==> flow/design.v <==
module u_addsub_v2 #(
   parameter int DATA_WIDTH = 8
) (
   input logic clk_i,
   input logic rst_ni,
   input logic [DATA_WIDTH-1:0] u,
   input logic [DATA_WIDTH-1:0] v,
   input logic do_sub,
   output logic [DATA_WIDTH-1:0] result,
   output logic cout
);
   logic [DATA_WIDTH-1:0] u_d1;
   always_ff @(posedge clk_i or negedge rst_ni) begin
      if (~rst_ni) begin
         u_d1 <= '0;
      end else begin
         u_d1 <= u;
      end
   end
   logic [DATA_WIDTH-1:0] v_d1;
   always_ff @(posedge clk_i or negedge rst_ni) begin
      if (~rst_ni) begin
         v_d1 <= '0;
      end else begin
         v_d1 <= v;
      end
   end
   logic do_sub_d1;
   always_ff @(posedge clk_i or negedge rst_ni) begin
      if (~rst_ni) begin
         do_sub_d1 <= 1'b0;
      end else begin
         do_sub_d1 <= do_sub;
      end
   end
   logic [DATA_WIDTH-1:0] mid;
   assign mid = v_d1 ^ {DATA_WIDTH{do_sub_d1}};
   logic [DATA_WIDTH:0] r;
   assign r = u_d1 + mid + do_sub_d1;
   assign result = r[DATA_WIDTH-1:0];
   assign cout = r[DATA_WIDTH];
endmodule
Lab notebook: u_addsub_v2

-- Tool chain data of u_addsub_v2
Module u_addsub_v2 in several versions that differ in "DATA_WIDTH"; each step lists the members.
The RTL above is that of DATA_WIDTH=8; lines are counted from 1 in the file of the member named.
Operators: Yosys type, input widths -> output width; for muxes data width and select width s.
Library cell names are shortened.
A cell with -- has no value.
- top: u_addsub_v2
- clock: clk_i
- standard-cell library: sky130hd
- timing corner: tt_025C_1v80

-- Members of the sweep
Lines of each other member's file that are new or changed against the file above; lines that a member lacks are not shown.
- lines new or changed (DATA_WIDTH ; line ; RTL):
    28 ; 2 ; parameter int DATA_WIDTH = 28
    48 ; 2 ; parameter int DATA_WIDTH = 48
    72 ; 2 ; parameter int DATA_WIDTH = 72
    80 ; 2 ; parameter int DATA_WIDTH = 80
    96 ; 2 ; parameter int DATA_WIDTH = 96

-- Word-level counts
Counts by Yosys on the flattened word-level netlist (proc, flatten, opt, wreduce; memories kept). Register bits leave out memories and registers merged into their read ports (data or address); mux counts leave out enables and synchronous resets folded into registers. Print and check cells are left out. Cells with the same type and inputs are merged into one.
- word-level totals (DATA_WIDTH ; elaborated cells ; bits in registers ; bits of input ports):
    8 ; 6 ; 17 ; 19
    28 ; 6 ; 57 ; 59
    48 ; 6 ; 97 ; 99
    72 ; 6 ; 145 ; 147
    80 ; 6 ; 161 ; 163
    96 ; 6 ; 193 ; 195
- operators by class (DATA_WIDTH ; $add $sub $neg ; bitwise operators):
    8 ; 2 ; 1
    28 ; 2 ; 1
    48 ; 2 ; 1
    72 ; 2 ; 1
    80 ; 2 ; 1
    96 ; 2 ; 1
- operators by type and width (DATA_WIDTH ; kinds with counts):
    8 ; 1 x $add 8x8->9; 1 x $add 9x1->9; 1 x $xor 8x8->8
    28 ; 1 x $add 28x28->29; 1 x $add 29x1->29; 1 x $xor 28x28->28
    48 ; 1 x $add 48x48->49; 1 x $add 49x1->49; 1 x $xor 48x48->48
    72 ; 1 x $add 72x72->73; 1 x $add 73x1->73; 1 x $xor 72x72->72
    80 ; 1 x $add 80x80->81; 1 x $add 81x1->81; 1 x $xor 80x80->80
    96 ; 1 x $add 96x96->97; 1 x $add 97x1->97; 1 x $xor 96x96->96

-- Depth
Longest topological path by Yosys (ltp), each cell counted once; first at word level (registers and memories cut), then after technology mapping (sequential cells cut; the memories' decode and read muxes count).
- logic depth (DATA_WIDTH ; depth in word-level cells ; ABC_AREA ; mapped depth ; mapped depth without buffers):
    8 ; 3 ; 0 ; 8 ; 7
    28 ; 3 ; 0 ; 11 ; 9
    48 ; 3 ; 0 ; 13 ; 11
    72 ; 3 ; 0 ; 15 ; 13
    80 ; 3 ; 0 ; 16 ; 13
    96 ; 3 ; 0 ; 17 ; 14

-- After synthesis
Source: synth_stat.txt of the flow (Yosys; design flattened, memories mapped). It holds for the ABC_AREA given above (unset counts as 0); a run with the other value may have another netlist.
- cell types (DATA_WIDTH ; type and count):
    8 ; 17 x dfrtp_1; 7 x ha_1; 9 x xor2_1; 3 x xnor2_1; 1 x fa_1; 5 x inv_1; 2 x o31a_1; 1 x a221oi_2; 1 x mux2i_2; 2 x or2_2; 1 x buf_6; 3 x nor2_1; 2 x a21oi_1; 2 x o21ai_0; 1 x a211o_1; 1 x and4_1; 1 x o21ai_2; 1 x o22a_1; (+5)
    28 ; 57 x dfrtp_1; 29 x ha_1; 34 x xor2_1; 17 x xnor2_1; 24 x a21oi_1; 27 x nand2_1; 10 x a21o_1; 19 x nor2_1; 12 x o21ai_0; 5 x o211ai_1; 5 x o21a_1; 3 x buf_6; 5 x nand4_1; 8 x inv_1; 6 x nor3_1; 4 x o21bai_1; 5 x nand3_1; 2 x o31ai_2; (+50)
    48 ; 97 x dfrtp_1; 50 x ha_1; 60 x xor2_1; 50 x a21oi_1; 28 x xnor2_1; 24 x a21o_1; 36 x nand2_1; 20 x o21ai_0; 12 x o21bai_1; 23 x nor2_1; 15 x nor3_1; 9 x o21a_1; 9 x nand4_1; 9 x nor2b_1; 13 x inv_1; 11 x clkbuf_1; 6 x nand2b_1; 7 x nand3_1; (+78)
    72 ; 145 x dfrtp_1; 72 x ha_1; 96 x xor2_1; 100 x a21oi_1; 44 x xnor2_1; 73 x nand2_1; 28 x a21o_1; 34 x o21ai_0; 27 x nand4_1; 40 x nor2_1; 16 x o21bai_1; 26 x inv_1; 12 x o21a_1; 18 x o21ai_1; 22 x clkbuf_1; 10 x o31ai_1; 9 x nand2b_1; 9 x nor2b_1; (+118)
    80 ; 161 x dfrtp_1; 82 x ha_1; 107 x xor2_1; 101 x a21oi_1; 49 x xnor2_1; 77 x nand2_1; 50 x o21ai_0; 33 x a21o_1; 29 x nand4_1; 47 x nor2_1; 14 x o21bai_1; 13 x o21a_1; 25 x clkbuf_1; 25 x inv_1; 16 x nor3_1; 13 x nand3_1; 10 x nor2b_1; 9 x a31oi_1; (+124)
    96 ; 193 x dfrtp_1; 101 x ha_1; 138 x xor2_1; 132 x a21oi_1; 50 x xnor2_1; 94 x nand2_1; 67 x o21ai_0; 46 x nand4_1; 36 x a21o_1; 63 x nor2_1; 25 x o21bai_1; 40 x clkbuf_1; 17 x o21a_1; 30 x inv_1; 16 x nor3_1; 13 x nand3_1; 7 x o221ai_1; 8 x a21boi_0; (+123)
The mark (+n) counts cells that are not listed.
- mapped netlist (DATA_WIDTH ; mapped area (um2) ; flip-flops ; cells in the netlist):
    8 ; 823.3 ; 17 ; 65
    28 ; 3367.0 ; 57 ; 322
    48 ; 5711.7 ; 97 ; 557
    72 ; 8785.9 ; 145 ; 899
    80 ; 9661.8 ; 161 ; 985
    96 ; 11818.8 ; 193 ; 1199

-- Timing after synthesis
Source: OpenSTA report_checks on the synthesized netlist (no wires, ideal clock, input and output delay 20% of the period each), path of least setup slack; recovery checks are left aside. Register names are those of the netlist, which keeps one name where synthesis merged equal registers.
- timing path post-synthesis (DATA_WIDTH ; path type ; start ; end ; setup slack (ns) ; driving pins on the path ; clock period (ns) ; delay of the path (ns) ; synthesis period reached (ns)):
    8 ; register -> output ; register do_sub_d1 ; output port result[6] ; 0.457 ; 8 ; 2.87 ; 1.839 ; 2.413
    28 ; register -> output ; register do_sub_d1 ; output port result[20] ; 0.656 ; 11 ; 4.1 ; 2.624 ; 3.444
    48 ; register -> output ; register do_sub_d1 ; output port result[39] ; 0.873 ; 14 ; 5.45 ; 3.487 ; 4.577
    72 ; register -> output ; register do_sub_d1 ; output port result[54] ; 0.914 ; 16 ; 5.73 ; 3.670 ; 4.816
    80 ; register -> output ; register do_sub_d1 ; output port result[73] ; 0.928 ; 15 ; 5.81 ; 3.720 ; 4.882
    96 ; register -> output ; register do_sub_d1 ; output port result[93] ; 0.995 ; 18 ; 6.22 ; 3.981 ; 5.225
"delay of the path" = arrival - input delay + setup time.
A path that ends at an output port has no setup time.
"driving pins on the path": output pins that drive a net of the path, with the launching flip-flop's if there is one; two outputs of one cell count as two.
"synthesis period reached" is the clock period less the worst setup slack; recovery checks do not enter. This is arithmetic on one report: input and output delays are still those of the set period (20% each).
The rows between start and end are the longest chain of elaborated cells between them; the timing report does not say that the signal goes this way. Where chains are equally long, one stands for them.
Each line given opens the expression or statement behind the cell; cells for indexed reads and writes are added by Yosys, which also makes memories of some case tables.
On the way, post-synthesis, DATA_WIDTH=8:
- noted length of the longest elaborated chain: 3
- RTL lines, path post-synthesis, DATA_WIDTH=8 (element ; line ; RTL):
    start: declaration ; 28 ; logic do_sub_d1;
    start: assignment ; 31 ; do_sub_d1 <= 1'b0;
    start: assignment ; 33 ; do_sub_d1 <= do_sub;
    $xor 8x8->8 ; 37 ; assign mid = v_d1 ^ {DATA_WIDTH{do_sub_d1}};
    $add 8x8->9 ; 39 ; assign r = u_d1 + mid + do_sub_d1;
    $add 9x1->9 ; 39 ;
    end: declaration ; 9 ; output logic [DATA_WIDTH-1:0] result,
On the way, post-synthesis, DATA_WIDTH=96:
- noted length of the longest elaborated chain: 3
- RTL lines, path post-synthesis, DATA_WIDTH=96 (element ; line ; RTL):
    start: declaration ; 28 ; logic do_sub_d1;
    start: assignment ; 31 ; do_sub_d1 <= 1'b0;
    start: assignment ; 33 ; do_sub_d1 <= do_sub;
    $xor 96x96->96 ; 37 ; assign mid = v_d1 ^ {DATA_WIDTH{do_sub_d1}};
    $add 96x96->97 ; 39 ; assign r = u_d1 + mid + do_sub_d1;
    $add 97x1->97 ; 39 ;
    end: declaration ; 9 ; output logic [DATA_WIDTH-1:0] result,

-- Path in the finished layout
From the final timing report of each member's run: the path of least setup slack in the routed layout; clock arrival at registers is part of the times.
- timing path after layout (DATA_WIDTH ; path type ; start ; end ; path buffers ; driving pins on the path ; clock period (ns) ; setup slack (ns) ; arrival (ns)):
    8 ; register -> output ; register do_sub_d1 ; output port cout ; 2 ; 9 ; 2.87 ; 0.06 ; 2.23
    28 ; register -> output ; register do_sub_d1 ; output port result[23] ; 3 ; 12 ; 4.1 ; 0.13 ; 3.15
    48 ; register -> output ; register do_sub_d1 ; output port result[45] ; 2 ; 13 ; 5.45 ; 0.20 ; 4.16
    72 ; register -> output ; register do_sub_d1 ; output port result[62] ; 2 ; 14 ; 5.73 ; 0.03 ; 4.55
    80 ; register -> output ; register do_sub_d1 ; output port result[74] ; 2 ; 15 ; 5.81 ; 0.16 ; 4.48
    96 ; register -> output ; register do_sub_d1 ; output port result[90] ; 2 ; 16 ; 6.22 ; 0.16 ; 4.81

-- Measured runs
Settings and results of one run of the flow (Yosys, OpenROAD) for each member follow. The constraints put input and output delay at 20% of the set period each and load the outputs with 0.01 pF.
- CAP_MARGIN: 20
- noted CORE_MARGIN: 2
- CORE_UTILIZATION: 40
- SLEW_MARGIN at 20
- settings that differ (DATA_WIDTH ; period_ns):
    8 ; 2.87
    28 ; 4.1
    48 ; 5.45
    72 ; 5.73
    80 ; 5.81
    96 ; 6.22
- measured results (DATA_WIDTH ; netlist area reported by Yosys (um2) ; reached clock period (ns) ; setup slack of the worst path (ns) ; die area (um2) ; utilization after layout (%) ; power consumption (µW) ; total negative slack on setup checks (ns) ; standard-cell area of the final layout (um2)):
    8 ; 823.3 ; 2.807 ; 0.063 ; 2436.9 ; 64.8 ; 616.2 ; 0.000 ; 1257.5
    28 ; 3367.0 ; 3.969 ; 0.131 ; 9167.1 ; 58.5 ; 1985 ; 0.000 ; 4784.6
    48 ; 5711.7 ; 5.253 ; 0.197 ; 15251.0 ; 55.6 ; 2371 ; 0.000 ; 7749.9
    72 ; 8785.9 ; 5.698 ; 0.032 ; 23166.4 ; 56.2 ; 3723 ; 0.000 ; 12186.7
    80 ; 9661.8 ; 5.645 ; 0.165 ; 25413.1 ; 56.2 ; 3990 ; 0.000 ; 13279.0
    96 ; 11818.8 ; 6.058 ; 0.162 ; 30937.3 ; 55.2 ; 4331 ; 0.000 ; 15971.6
"reached clock period": clock period set for the run, less the worst setup slack. It is reckoned from that one timing run; input and output delays stay at 20% of the period that was set.
"power consumption": no workload was simulated; the value follows from the tool's default switching activity.
